==> flow/design.v <==
module dp_arith_add_top #(
  parameter BITS = 6,
  parameter GUARD = 2
) (
  input  wire core_clk,
  input  wire rstn,
  input  wire [BITS-1:0] val,
  input  wire init,
  output wire [BITS+GUARD-1:0] s
);
  reg [BITS+GUARD-1:0] total;
  always @(posedge core_clk or negedge rstn) begin
    if (!rstn) begin
      total <= 0;
    end else begin
      total <= init ? 0 : total + val;
    end
  end
  assign s = total;
endmodule
Tool chain data of dp_arith_add_top
Tool output for the design above, in the order of the flow.
Line numbers count from 1 in the design file above.
Library cell names are shortened.
Not given: --
Design
  top: dp_arith_add_top
  clock port: core_clk
  library: sky130hd
  corner: tt_025C_1v80

Word level
Yosys after proc, flatten, opt, wreduce and memory -nomap, before mapping. Enables and synchronous resets that opt folds into registers are not counted as muxes. Memory bits, and registers merged into a memory's read port (data or address), are not among the register bits. Print and check cells are not counted. Equal cells are merged and count once.
Storage and ports
  bits in registers: 8
  input bits: 9
  output and inout port bits: 8
  word-level cells: 3
Operators by class
  $add $sub $neg: 1
  mux-type cells: 1
Operator list (number)
  8-bit by 6-bit adder with 8-bit output: 1
  8-bit two-way mux: 1

Longest topological paths
Longest topological path by Yosys (ltp), each cell counted once; first at word level (registers and memories cut), then after technology mapping (sequential cells cut; the memories' decode and read muxes count).
Depth
  depth after elaboration: 2
  ABC_AREA: 0
  gate-level depth with buffers: 6
  depth with buffers taken out: 6

Mapped cells and area
Source: synth_stat.txt of the flow (Yosys; design flattened, memories mapped). It holds for the ABC_AREA given above (unset counts as 0); a run with the other value may have another netlist.
Totals and module areas in this step are rounded.
Synthesis totals
  mapped cells: 50
  mapped area: 510 um^2
  area of sequential cells: 200 um^2
  mapped flip-flops: 8
  buffer cells: 1
Cell types
  dfrtp_1: number 8, total area 200.192 um^2
  ha_1: number 6, total area 75.072 um^2
  fa_1: number 1, total area 20.019 um^2
  nor3_1: number 4, total area 20.019 um^2
  nor2_1: number 5, total area 18.768 um^2
  nor2b_1: number 3, total area 18.768 um^2
  a21o_1: number 2, total area 15.014 um^2
  a21oi_1: number 3, total area 15.014 um^2
  a211oi_2: number 1, total area 12.512 um^2
  nor3b_2: number 1, total area 12.512 um^2
  mux2_1: number 1, total area 11.261 um^2
  nand3_1: number 2, total area 10.01 um^2
  o21ai_1: number 2, total area 10.01 um^2
  and4_1: number 1, total area 8.758 um^2
  o311ai_1: number 1, total area 8.758 um^2
  xnor2_1: number 1, total area 8.758 um^2
  xor2_1: number 1, total area 8.758 um^2
  a211oi_1: number 1, total area 7.507 um^2
Other cell types: 5; their cells: 6.

Timing after synthesis
OpenSTA on the mapped netlist: ideal clock, no wires. The path of least setup slack (recovery checks aside). Input and output delay are each 20% of the period. Register names are those of the netlist, which keeps one name where synthesis merged equal registers.
Path after synthesis
  path kind: input to register
  from: input val[0]
  to: register total[6]
  period: 2.2 ns
  input delay: 0.440 ns
  library setup time: 0.126 ns
  launch time at the first pin: 0.440 ns
  arrival: 1.669 ns
  required time: 2.074 ns
  setup slack: 0.405 ns
  delay of the path: 1.355 ns
  stages on the path: 6
  buffers on the path: 0
  synthesis period reached: 1.795 ns
"delay of the path" is the arrival time less input delay plus setup time.
"stages on the path": output pins that drive a net of the path, with the launching flip-flop's if there is one; two outputs of one cell count as two.
"synthesis period reached" is the clock period less the worst setup slack; recovery checks do not enter. This is arithmetic on one report: input and output delays are still those of the set period (20% each).
Between the ends stands the longest chain of elaborated cells between them, by number of cells; it is not shown to be the way that was timed. Of several equally long chains one is given.
A line is the first line of the expression or statement that the cell stems from. Yosys adds cells for indexed reads and writes and turns some case tables into memories.
Between the ends, after synthesis
  cell sequence: ha_1 fa_1 a21o_1 and4_1 nor3_1 nor3b_2
  length of the longest elaborated chain: 2
  elaborated cells between the ends (all ways): 2
  source lines of those cells: 1
  classes of those cells: add/sub: 1; mux: 1
Ends and longest elaborated chain, after synthesis
  start, declared: RTL line 7  | input  wire [BITS-1:0] val,
  8-bit by 6-bit adder with 8-bit output: RTL line 16  | total <= init ? 0 : total + val;
  8-bit two-way mux: RTL line 16
  end, assigned: RTL line 14  | total <= 0;
  end, assigned: RTL line 16
  end, declared: RTL line 11  | reg [BITS+GUARD-1:0] total;

Timing after layout
From the final timing report of run 1: the path of least setup slack in the routed layout; clock arrival at registers is part of the times.
Path post-layout
  path kind: input to register
  from: input val[0]
  to: register total[6]
  period: 2.2 ns
  input delay: 0.44 ns
  library setup time: 0.07 ns
  launch time at the first pin: 0.44 ns
  arrival: 2.17 ns
  required time: 2.38 ns
  setup slack: 0.21 ns
  stages on the path: 7
  buffers on the path: 1
Between the ends stands the longest chain of elaborated cells between them, by number of cells; it is not shown to be the way that was timed. Of several equally long chains one is given.
Between the ends, post-layout
  cell sequence: clkdlybuf4s50_1 ha_1 fa_1 a21o_1 and4_1 o21ai_0 nor3b_2
  length of the longest elaborated chain: 2
  elaborated cells between the ends (all ways): 2
  source lines of those cells: 1
  classes of those cells: add/sub: 1; mux: 1
Ends and longest elaborated chain, post-layout
  start, declared: RTL line 7  | input  wire [BITS-1:0] val,
  8-bit by 6-bit adder with 8-bit output: RTL line 16  | total <= init ? 0 : total + val;
  8-bit two-way mux: RTL line 16
  end, assigned: RTL line 14  | total <= 0;
  end, assigned: RTL line 16
  end, declared: RTL line 11  | reg [BITS+GUARD-1:0] total;

==> results <==
Measured results for dp_arith_add_top: 3 stored runs of the Yosys and OpenROAD flow on sky130hd. The settings differ; the order carries no meaning. The constraints put input and output delay at 20% of the set period each and load the outputs with 0.01 pF.
By "power" is meant OpenSTA's value without simulated activity: inputs other than the clock are taken to toggle once in ten clock periods, and the tool carries that through the logic.
Results are given in rounded form.

==> run 1: settings <==
{ "period_ns": 2.2, "CAP_MARGIN": 20, "CORE_MARGIN": 2, "CORE_UTILIZATION": 40, "SLEW_MARGIN": 20 }
==> run 1: results <==
power: 0.66 mW
standard-cell area of the final layout: 730 um^2
final utilization: 63%
total negative setup slack: 0.000 ns
worst setup slack after layout: 0.21 ns
chip area in the Yosys report: 510 um^2
overall die area: 1600 um^2

==> run 2: settings <==
{ "period_ns": 1.92, "CORE_UTILIZATION": 35, "PLACE_DENSITY_LB_ADDON": 0.1, "HOLD_SLACK_MARGIN": -0.02, "CELL_PAD_IN_SITES_GLOBAL_PLACEMENT": 3, "GPL_ROUTABILITY_DRIVEN": 0, "CAP_MARGIN": 0, "SLEW_MARGIN": 30, "MAX_ROUTING_LAYER": "met5", "CORE_MARGIN": 2 }
==> run 2: results <==
power: 0.85 mW
standard-cell area of the final layout: 820 um^2
final utilization: 61%
total negative setup slack: 0.000 ns
worst setup slack after layout: 0.029 ns
chip area in the Yosys report: 510 um^2
overall die area: 1800 um^2

==> run 3: settings <==
{ "period_ns": 1.51, "CORE_UTILIZATION": 49, "CORE_MARGIN": 4, "CELL_PAD_IN_SITES_DETAIL_PLACEMENT": 0, "GPL_TIMING_DRIVEN": 1, "CAP_MARGIN": 20, "SLEW_MARGIN": 20 }
==> run 3: results <==
power: 1.2 mW
standard-cell area of the final layout: 910 um^2
final utilization: 95%
total negative setup slack: -0.73 ns
worst setup slack after layout: -0.22 ns
chip area in the Yosys report: 510 um^2
overall die area: 1600 um^2
